==> flow/design.v <==
module cpu_data_mux_top #(
    parameter int WD = 4
) (
    input  logic sys_clk,
    input  logic enable,
    input  logic [WD-1:0] src0,
    input  logic [WD-1:0] src1,
    input  logic [WD-1:0] src2,
    input  logic [1:0] choose,
    output logic [WD-1:0] out
);
    logic [WD-1:0] src0_ff;
    logic [WD-1:0] src1_ff;
    logic [WD-1:0] src2_ff;
    logic [1:0] choose_ff;
    always_ff @(posedge sys_clk) begin
        if (enable) begin
            src0_ff <= src0;
            src1_ff <= src1;
            src2_ff <= src2;
            choose_ff <= choose;
        end
    end
    logic [WD-1:0] val;
    assign val =
        (choose_ff == 2'd0) ? src0_ff :
        (choose_ff == 2'd1) ? src1_ff :
        src2_ff;
    assign out = val;
endmodule
### From RTL to reports: cpu_data_mux_top

What the tools print for cpu_data_mux_top, step after step.
Line numbers count from 1 in the design file above.
Not given: --

| set-up | value |
|---|---|
| design top | cpu_data_mux_top |
| clock port | sys_clk |
| cell library | sky130hd |
| timing corner | tt_025C_1v80 |

### After elaboration

Source: Yosys, flattened and elaborated, memories not mapped. Widths are those after wreduce; folded enables and synchronous resets count as part of the registers. Registers that Yosys merges into a memory's read port (data or address) are not register bits. Print and check cells do not count. Equal cells are merged and count once.

| bit counts | value |
|---|---|
| flip-flop bits (word level) | 14 |
| bits in latches | 0 |
| RAM bits | 0 |
| bits in read-only memories | 0 |
| clocked read ports x word width | 0 |
| memory cells | 0 |

| operators by class | value |
|---|---|
| add/subtract/negate cells | 0 |
| $mul | 0 |
| div/mod/pow operators | 0 |
| $lt $le $gt $ge | 0 |
| equality and inequality tests | 1 |
| shifts and indexed selects | 0 |
| muxes and demuxes | 2 |
| bitwise gates (word level) | 0 |
| reduce/logical cells | 1 |

Operators with widths:

| kind | count |
|---|---|
| 2-to-1 mux 4 bit | 2 |
| == test 2 x 1 -> 1 bit with constant B | 1 |
| zero test 2 bit | 1 |

### Depth

Yosys ltp: most cells in a row. Word level: on the elaborated netlist, between registers, memories and ports. Mapped: between sequential cells and ports; inverters and the memories' decode and read muxes count.

| logic depth | value |
|---|---|
| word-level depth | 3 |
| ABC_AREA | 0 |
| depth in mapped cells | 3 |
| depth with buffers taken out | 2 |

### After synthesis

Source: synth_stat.txt of the flow (Yosys; design flattened, memories mapped). It holds for the ABC_AREA given above (unset counts as 0); a run with the other value may have another netlist.

Cell types:

| type | count |
|---|---|
| sky130_fd_sc_hd__edfxtp_1 | 14 |
| sky130_fd_sc_hd__mux2i_1 | 4 |
| sky130_fd_sc_hd__o21ai_1 | 4 |
| sky130_fd_sc_hd__nand2_1 | 4 |
| sky130_fd_sc_hd__buf_6 | 1 |

| synthesis totals | value |
|---|---|
| cells in the netlist | 27 |
| chip area (Yosys) | 506.7 µm² |
| sequential part of the area | 420.4 µm² |
| flip-flop cells | 14 |
| buffers | 1 |

### Path before layout

Source: OpenSTA report_checks on the synthesized netlist (no wires, ideal clock, input and output delay 20% of the period each), path of least setup slack; recovery checks are left aside. Register names are those of the netlist, which keeps one name where synthesis merged equal registers.

| timing after synthesis | value |
|---|---|
| path kind | register -> output |
| start | register (name not given) |
| end | output port out[0] |
| clock period | 1.25 ns |
| external output delay | 0.250 ns |
| launch time at the first pin | 0.000 ns |
| arrival time | 0.798 ns |
| required time | 1.000 ns |
| setup slack | 0.202 ns |
| delay of the path | 0.798 ns |
| driving pins on the path | 4 |
| path buffers | 1 |
| synthesis period reached | 1.048 ns |

"delay of the path" = arrival - input delay + setup time.
At an output port there is no setup time.
"driving pins on the path" counts driving pins, that of a launching flip-flop among them; a cell with two outputs on the path counts twice.
"synthesis period reached" = period - worst setup slack (recovery checks aside). The figure is calculated, with input and output delays left at 20% of the set period.
Between the ends stands the longest chain of elaborated cells between them, by number of cells; it is not shown to be the way that was timed. Of several equally long chains one is given.
A line is the first line of the expression or statement that the cell stems from. Yosys adds cells for indexed reads and writes and turns some case tables into memories.

| between the ends, after synthesis | value |
|---|---|
| cells stage by stage | sky130_fd_sc_hd__edfxtp_1 -> sky130_fd_sc_hd__buf_6 -> sky130_fd_sc_hd__mux2i_1 -> sky130_fd_sc_hd__o21ai_1 |
| length of the longest elaborated chain | 3 |
| elaborated cells on any way between the ends | 4 |
| source lines of those cells | 2 |
| those cells by class | eq/ne: 1; mux: 2; reduce/logical: 1 |

RTL lines, path after synthesis:

| what | RTL line | RTL |
|---|---|---|
| start, declared | 15 |  |
| start, assigned | 21 |  |
| == test 2 x 1 -> 1 bit | 27 |  |
| 2-to-1 mux 4 bit | 27 |  |
| 2-to-1 mux 4 bit | 26 |  |
| end, declared | 10 | `output logic [WD-1:0] out` |

### Timing after layout

Path of least setup slack in the final report of run 2 (OpenROAD, finished layout, wires in). Where an end is a register, its clock arrival counts in the times.

| timing after layout | value |
|---|---|
| path kind | register -> output |
| start | register (name not given) |
| end | output port out[3] |
| clock period | 1.78 ns |
| external output delay | 0.36 ns |
| launch time at the first pin | 0.26 ns |
| arrival time | 1.33 ns |
| required time | 1.42 ns |
| setup slack | 0.09 ns |
| driving pins on the path | 5 |
| path buffers | 2 |

Between the ends stands the longest chain of elaborated cells between them, by number of cells; it is not shown to be the way that was timed. Of several equally long chains one is given.

| between the ends, after layout | value |
|---|---|
| cells stage by stage | sky130_fd_sc_hd__edfxtp_1 -> sky130_fd_sc_hd__buf_4 -> sky130_fd_sc_hd__mux2i_1 -> sky130_fd_sc_hd__o21ai_1 -> sky130_fd_sc_hd__buf_2 |
| length of the longest elaborated chain | 3 |
| elaborated cells on any way between the ends | 4 |
| source lines of those cells | 2 |
| those cells by class | eq/ne: 1; mux: 2; reduce/logical: 1 |

RTL lines, path after layout:

| what | RTL line | RTL |
|---|---|---|
| start, declared | 15 |  |
| start, assigned | 21 |  |
| == test 2 x 1 -> 1 bit | 27 |  |
| 2-to-1 mux 4 bit | 27 |  |
| 2-to-1 mux 4 bit | 26 |  |
| end, declared | 10 | `output logic [WD-1:0] out` |

Ticket comment

cpu_data_mux_top through Yosys and OpenROAD on sky130hd: 3 stored runs, unordered, with their settings and measured results. The constraints put input and output delay at 20% of the set period each and load the outputs with 0.01 pF.
"clock period reached" is the run's clock period less its worst setup slack. It is reckoned from that one timing run; input and output delays stay at 20% of the period that was set.
"time on the worst setup path" means the part of the period allowed to the worst setup path (the constraints hold back 20% at inputs and 20% at outputs) less its slack; where the path has registers, the arrival times of their clocks count too.
By "total power after layout" is meant OpenSTA's value without simulated activity: inputs other than the clock are taken to toggle once in ten clock periods, and the tool carries that through the logic.
Among the settings, - means not set for that run.
A result given as - is not shown for that run.

| run name | period_ns | CORE_UTILIZATION | SETUP_SLACK_MARGIN | PLACE_DENSITY_LB_ADDON | HOLD_SLACK_MARGIN | CORE_MARGIN | ABC_AREA | SLEW_MARGIN | MAX_ROUTING_LAYER | CAP_MARGIN | PLACE_DENSITY | CELL_PAD_IN_SITES_DETAIL_PLACEMENT | GPL_ROUTABILITY_DRIVEN | CTS_CLUSTER_SIZE | MIN_ROUTING_LAYER | time on the worst setup path (ns) | worst path kind | total power after layout (µW) | standard-cell area of the final layout (µm²) | setup TNS (ns) | clock period reached (ns) | worst setup slack after layout (ns) | chip area in the Yosys report (µm²) | die footprint (µm²) |
|---|---|---|---|---|---|---|---|---|---|---|---|---|---|---|---|---|---|---|---|---|---|---|---|---|
| run 1 | 0.779 | 68 | -0.07 | 0.14 | 0.03 | 2 | 1 | 35 | met4 | 20 | - | - | - | - | - | - | - | - | - | - | - | - | - | - |
| run 2 | 1.78 | 52 | 0.4 | - | - | 2 | - | 20 | - | 20 | 0.52 | 0 | 0 | 31 | met1 | 1.33 | register -> output | 628.4 | 742.0 | 0.000 | 1.688 | 0.092 | 506.7 | 1240.1 |
| run 3 | 1.25 | 40 | - | - | - | 2 | - | 20 | - | 20 | - | - | - | - | - | 1.31 | register -> output | 960 | 793.3 | -0.971 | 1.560 | -0.310 | 506.7 | 1567.4 |

Run 1: unfinished; error PDN-0185 in floorplanning
